==> flow/design.v <==
module gen_add_unit_p #(
    parameter int XLEN = 48
) (
    input logic ck,
    input logic step,
    input logic [XLEN-1:0] op_a,
    input logic [XLEN-1:0] op_b,
    input logic c0,
    output logic [XLEN-1:0] result,
    output logic carry_out
);
    logic [XLEN-1:0] op_a_s;
    logic [XLEN-1:0] op_b_s;
    logic c0_s;
    always_ff @(posedge ck) begin
        if (step) begin
            op_a_s <= op_a;
            op_b_s <= op_b;
            c0_s <= c0;
        end
    end
    logic [XLEN-1:0] t;
    logic c;
    always_comb begin
        c = c0_s;
        for (int k = 0; k < XLEN; k++) begin
            t[k] = op_a_s[k] ^ op_b_s[k] ^ c;
            c = (op_a_s[k] & op_b_s[k]) | (c & (op_a_s[k] | op_b_s[k]));
        end
    end
    always_ff @(posedge ck) begin
        if (step) begin
            result <= t;
            carry_out <= c;
        end
    end
endmodule
Reports on gen_add_unit_p

What the tools print for gen_add_unit_p, step after step.
Lines are those of the file above, counted from 1.
Operators carry their Yosys type and port widths (W data, S select, Z words).
Library cell names are shortened.
A cell with n/a has no value.

Design top: gen_add_unit_p
Clock: ck
Library: sky130hd
Timing corner: tt_025C_1v80

After elaboration

Source: Yosys, flattened and elaborated, memories not mapped. Widths are those after wreduce; folded enables and synchronous resets count as part of the registers. Registers that Yosys merges into a memory's read port (data or address) are not register bits. Print and check cells do not count. Equal cells are merged and count once.

Bitwise gates (word level): 288

Operators with widths:

| cell          | count |
| $and A1 B1 Y1 | 96 |
| $or A1 B1 Y1  | 96 |
| $xor A1 B1 Y1 | 96 |

Bits in registers: 146
Bits of input ports: 99

Logic depth

Longest topological path by Yosys (ltp), each cell counted once; first at word level (registers and memories cut), then after technology mapping (sequential cells cut; the memories' decode and read muxes count).

Word-level depth: 97
ABC_AREA: 0
Depth in mapped cells: 52
Mapped depth without buffers: 52

After synthesis

Source: synth_stat.txt of the flow (Yosys; design flattened, memories mapped). It holds for the ABC_AREA given above (unset counts as 0); a run with the other value may have another netlist.
The area totals of this step are shown rounded.

Cell count: 204
Chip area (Yosys): 5380 sq um
Sequential area: 4380 sq um
Buffers: 0
Flip-flop cells: 146

Cells by type:

| type     | count | area in all (sq um) |
| edfxtp_1 | 146   | 4.38E+03 |
| fa_1     | 48    | 960.922 |
| inv_1    | 10    | 37.536 |

Timing after synthesis

Source: OpenSTA report_checks on the synthesized netlist (no wires, ideal clock, input and output delay 20% of the period each), path of least setup slack; recovery checks are left aside. Register names are those of the netlist, which keeps one name where synthesis merged equal registers.

Path kind: reg-to-reg
Start point: reg op_a_s[0]
End point: reg result[47]
Path buffers: 0
Time at the first pin: 0.000 ns
Stages: 53
Path slack: 4.669 ns
Arrival time: 18.603 ns
Clock period: 23.4 ns
Library setup time: 0.129 ns
Data required time: 23.271 ns
Delay of the path: 18.732 ns
Period reached after synthesis: 18.731 ns

"delay of the path" is the arrival time less input delay plus setup time.
"stages": output pins that drive a net of the path, with the launching flip-flop's if there is one; two outputs of one cell count as two.
"period reached after synthesis" = period - worst setup slack (recovery checks aside). The figure is calculated, with input and output delays left at 20% of the set period.
Between the ends stands the longest chain of elaborated cells between them, by number of cells; it is not shown to be the way that was timed. Of several equally long chains one is given.
A line is the first line of the expression or statement that the cell stems from. Yosys adds cells for indexed reads and writes and turns some case tables into memories.

Path through: edfxtp_1 fa_1 fa_1 fa_1 fa_1 fa_1 fa_1 fa_1 fa_1 fa_1 fa_1 fa_1 fa_1 fa_1 fa_1 fa_1 fa_1 fa_1 [... 17 more ...] fa_1 fa_1 fa_1 fa_1 fa_1 fa_1 fa_1 fa_1 fa_1 fa_1 fa_1 inv_1 fa_1 inv_1 fa_1 inv_1 fa_1 inv_1
Length of the longest elaborated chain: 96
Elaborated cells between the ends (all ways): 97

Ends and longest elaborated chain, post-synthesis:

| what              | RTL line | source |
| from (decl)       | 12       | `logic [XLEN-1:0] op_a_s;` |
| from (assign)     | 17       | `op_a_s <= op_a;` |
| $or A1 B1 Y1      | 28       | `c = (op_a_s[k] & op_b_s[k]) \| (c & (op_a_s[k] \| op_b_s[k]));` |
| $and A1 B1 Y1     | 28       |  |
| $or A1 B1 Y1      | 28       |  |
| $and A1 B1 Y1     | 28       |  |
| $or A1 B1 Y1      | 28       |  |
| $and A1 B1 Y1     | 28       |  |
| $or A1 B1 Y1      | 28       |  |
| [... 82 more ...] | n/a      |  |
| $and A1 B1 Y1     | 28       |  |
| $or A1 B1 Y1      | 28       |  |
| $and A1 B1 Y1     | 28       |  |
| $or A1 B1 Y1      | 28       |  |
| $and A1 B1 Y1     | 28       |  |
| $or A1 B1 Y1      | 28       |  |
| $xor A1 B1 Y1     | 27       | `t[k] = op_a_s[k] ^ op_b_s[k] ^ c;` |
| to (assign)       | 33       | `result <= t;` |
| to (decl)         | 9        | `output logic [XLEN-1:0] result,` |

Path in the finished layout

From the final timing report of entry A: the path of least setup slack in the routed layout; clock arrival at registers is part of the times.

Path kind: reg-to-reg
Start point: reg op_a_s[0]
End point: reg result[47]
Arrival time: 19.82 ns
Library setup time: 0.12 ns
Time at the first pin: 0.42 ns
Path buffers: 0
Clock period: 23.4 ns
Stages: 53
Data required time: 23.70 ns
Path slack: 3.87 ns

Between the ends stands the longest chain of elaborated cells between them, by number of cells; it is not shown to be the way that was timed. Of several equally long chains one is given.

Path through: edfxtp_1 fa_1 fa_1 fa_1 fa_1 fa_1 fa_1 fa_1 fa_1 fa_1 fa_1 fa_1 fa_1 fa_1 fa_1 fa_1 fa_1 fa_1 [... 17 more ...] fa_1 fa_1 fa_1 fa_1 fa_1 fa_1 fa_1 fa_1 fa_1 fa_1 fa_1 inv_1 fa_1 inv_1 fa_1 inv_1 fa_1 inv_1
Length of the longest elaborated chain: 96
Elaborated cells between the ends (all ways): 97

Ends and longest elaborated chain, post-layout:

| what              | RTL line | source |
| from (decl)       | 12       | `logic [XLEN-1:0] op_a_s;` |
| from (assign)     | 17       | `op_a_s <= op_a;` |
| $or A1 B1 Y1      | 28       | `c = (op_a_s[k] & op_b_s[k]) \| (c & (op_a_s[k] \| op_b_s[k]));` |
| $and A1 B1 Y1     | 28       |  |
| $or A1 B1 Y1      | 28       |  |
| $and A1 B1 Y1     | 28       |  |
| $or A1 B1 Y1      | 28       |  |
| $and A1 B1 Y1     | 28       |  |
| $or A1 B1 Y1      | 28       |  |
| [... 82 more ...] | n/a      |  |
| $and A1 B1 Y1     | 28       |  |
| $or A1 B1 Y1      | 28       |  |
| $and A1 B1 Y1     | 28       |  |
| $or A1 B1 Y1      | 28       |  |
| $and A1 B1 Y1     | 28       |  |
| $or A1 B1 Y1      | 28       |  |
| $xor A1 B1 Y1     | 27       | `t[k] = op_a_s[k] ^ op_b_s[k] ^ c;` |
| to (assign)       | 33       | `result <= t;` |
| to (decl)         | 9        | `output logic [XLEN-1:0] result,` |

Subject: flow runs of gen_add_unit_p

Hi,

3 stored runs of gen_add_unit_p in the flow (synthesis by Yosys, layout by OpenROAD, sky130hd cells), in arbitrary order. Constraints: input delay and output delay 20% of the set period each, output load 0.01 pF.
"clock period reached" = clock period - worst setup slack. The figure is calculated, with input and output delays left at 20% of the set period.
"time used up by the worst setup path" is the time allowed to the run's worst setup path (the clock period less input and output delay, where it has them) less its slack. Clock arrival times count: a late capture clock shortens it, a late launch clock lengthens it.
"total power of the final layout" rests on the timing tool's default activity at the inputs, not on a simulated workload.
Measured values are rounded.
Settings: n/a = not set for that run.
Among the results, n/a means that no value is shown for the run.

| setting or result                         | entry A    | entry B | entry C |
| period_ns                                 | 23.4       | 36.2    | 22.5    |
| CAP_MARGIN                                | 20         | 20      | 5       |
| CORE_MARGIN                               | 2          | 2       | 9       |
| CORE_UTILIZATION                          | 40         | 46      | 65      |
| SLEW_MARGIN                               | 20         | 20      | 20      |
| SETUP_SLACK_MARGIN                        | n/a        | 5.0     | -2.0    |
| CORE_ASPECT_RATIO                         | n/a        | 1.84    | 1.0     |
| CELL_PAD_IN_SITES_DETAIL_PLACEMENT        | n/a        | 2       | 1       |
| MIN_ROUTING_LAYER                         | n/a        | met2    | n/a     |
| PLACE_DENSITY                             | n/a        | n/a     | 0.78    |
| CELL_PAD_IN_SITES_GLOBAL_PLACEMENT        | n/a        | n/a     | 2       |
| TNS_END_PERCENT                           | n/a        | n/a     | 80      |
| GPL_TIMING_DRIVEN                         | n/a        | n/a     | 1       |
| CTS_CLUSTER_SIZE                          | n/a        | n/a     | 66      |
| CTS_CLUSTER_DIAMETER                      | n/a        | n/a     | 389     |
| total power of the final layout (mW)      | 0.711      | n/a     | n/a     |
| worst hold slack (ns)                     | 0.600      | n/a     | n/a     |
| total die area (sq um)                    | 14400      | n/a     | n/a     |
| standard-cell area after routing (sq um)  | 7700       | n/a     | n/a     |
| chip area in the Yosys report (sq um)     | 5380       | n/a     | n/a     |
| clock period reached (ns)                 | 19.528     | n/a     | n/a     |
| worst setup slack after layout (ns)       | 3.87       | n/a     | n/a     |
| utilization in the final report (%)       | 58.4       | n/a     | n/a     |
| time used up by the worst setup path (ns) | 19.53      | n/a     | n/a     |
| class of the worst setup path             | reg-to-reg | n/a     | n/a     |

Entry B: unfinished; error DPL-0033 in clock tree synthesis
Entry C: unfinished; error GPL-0301 in placement

Regards
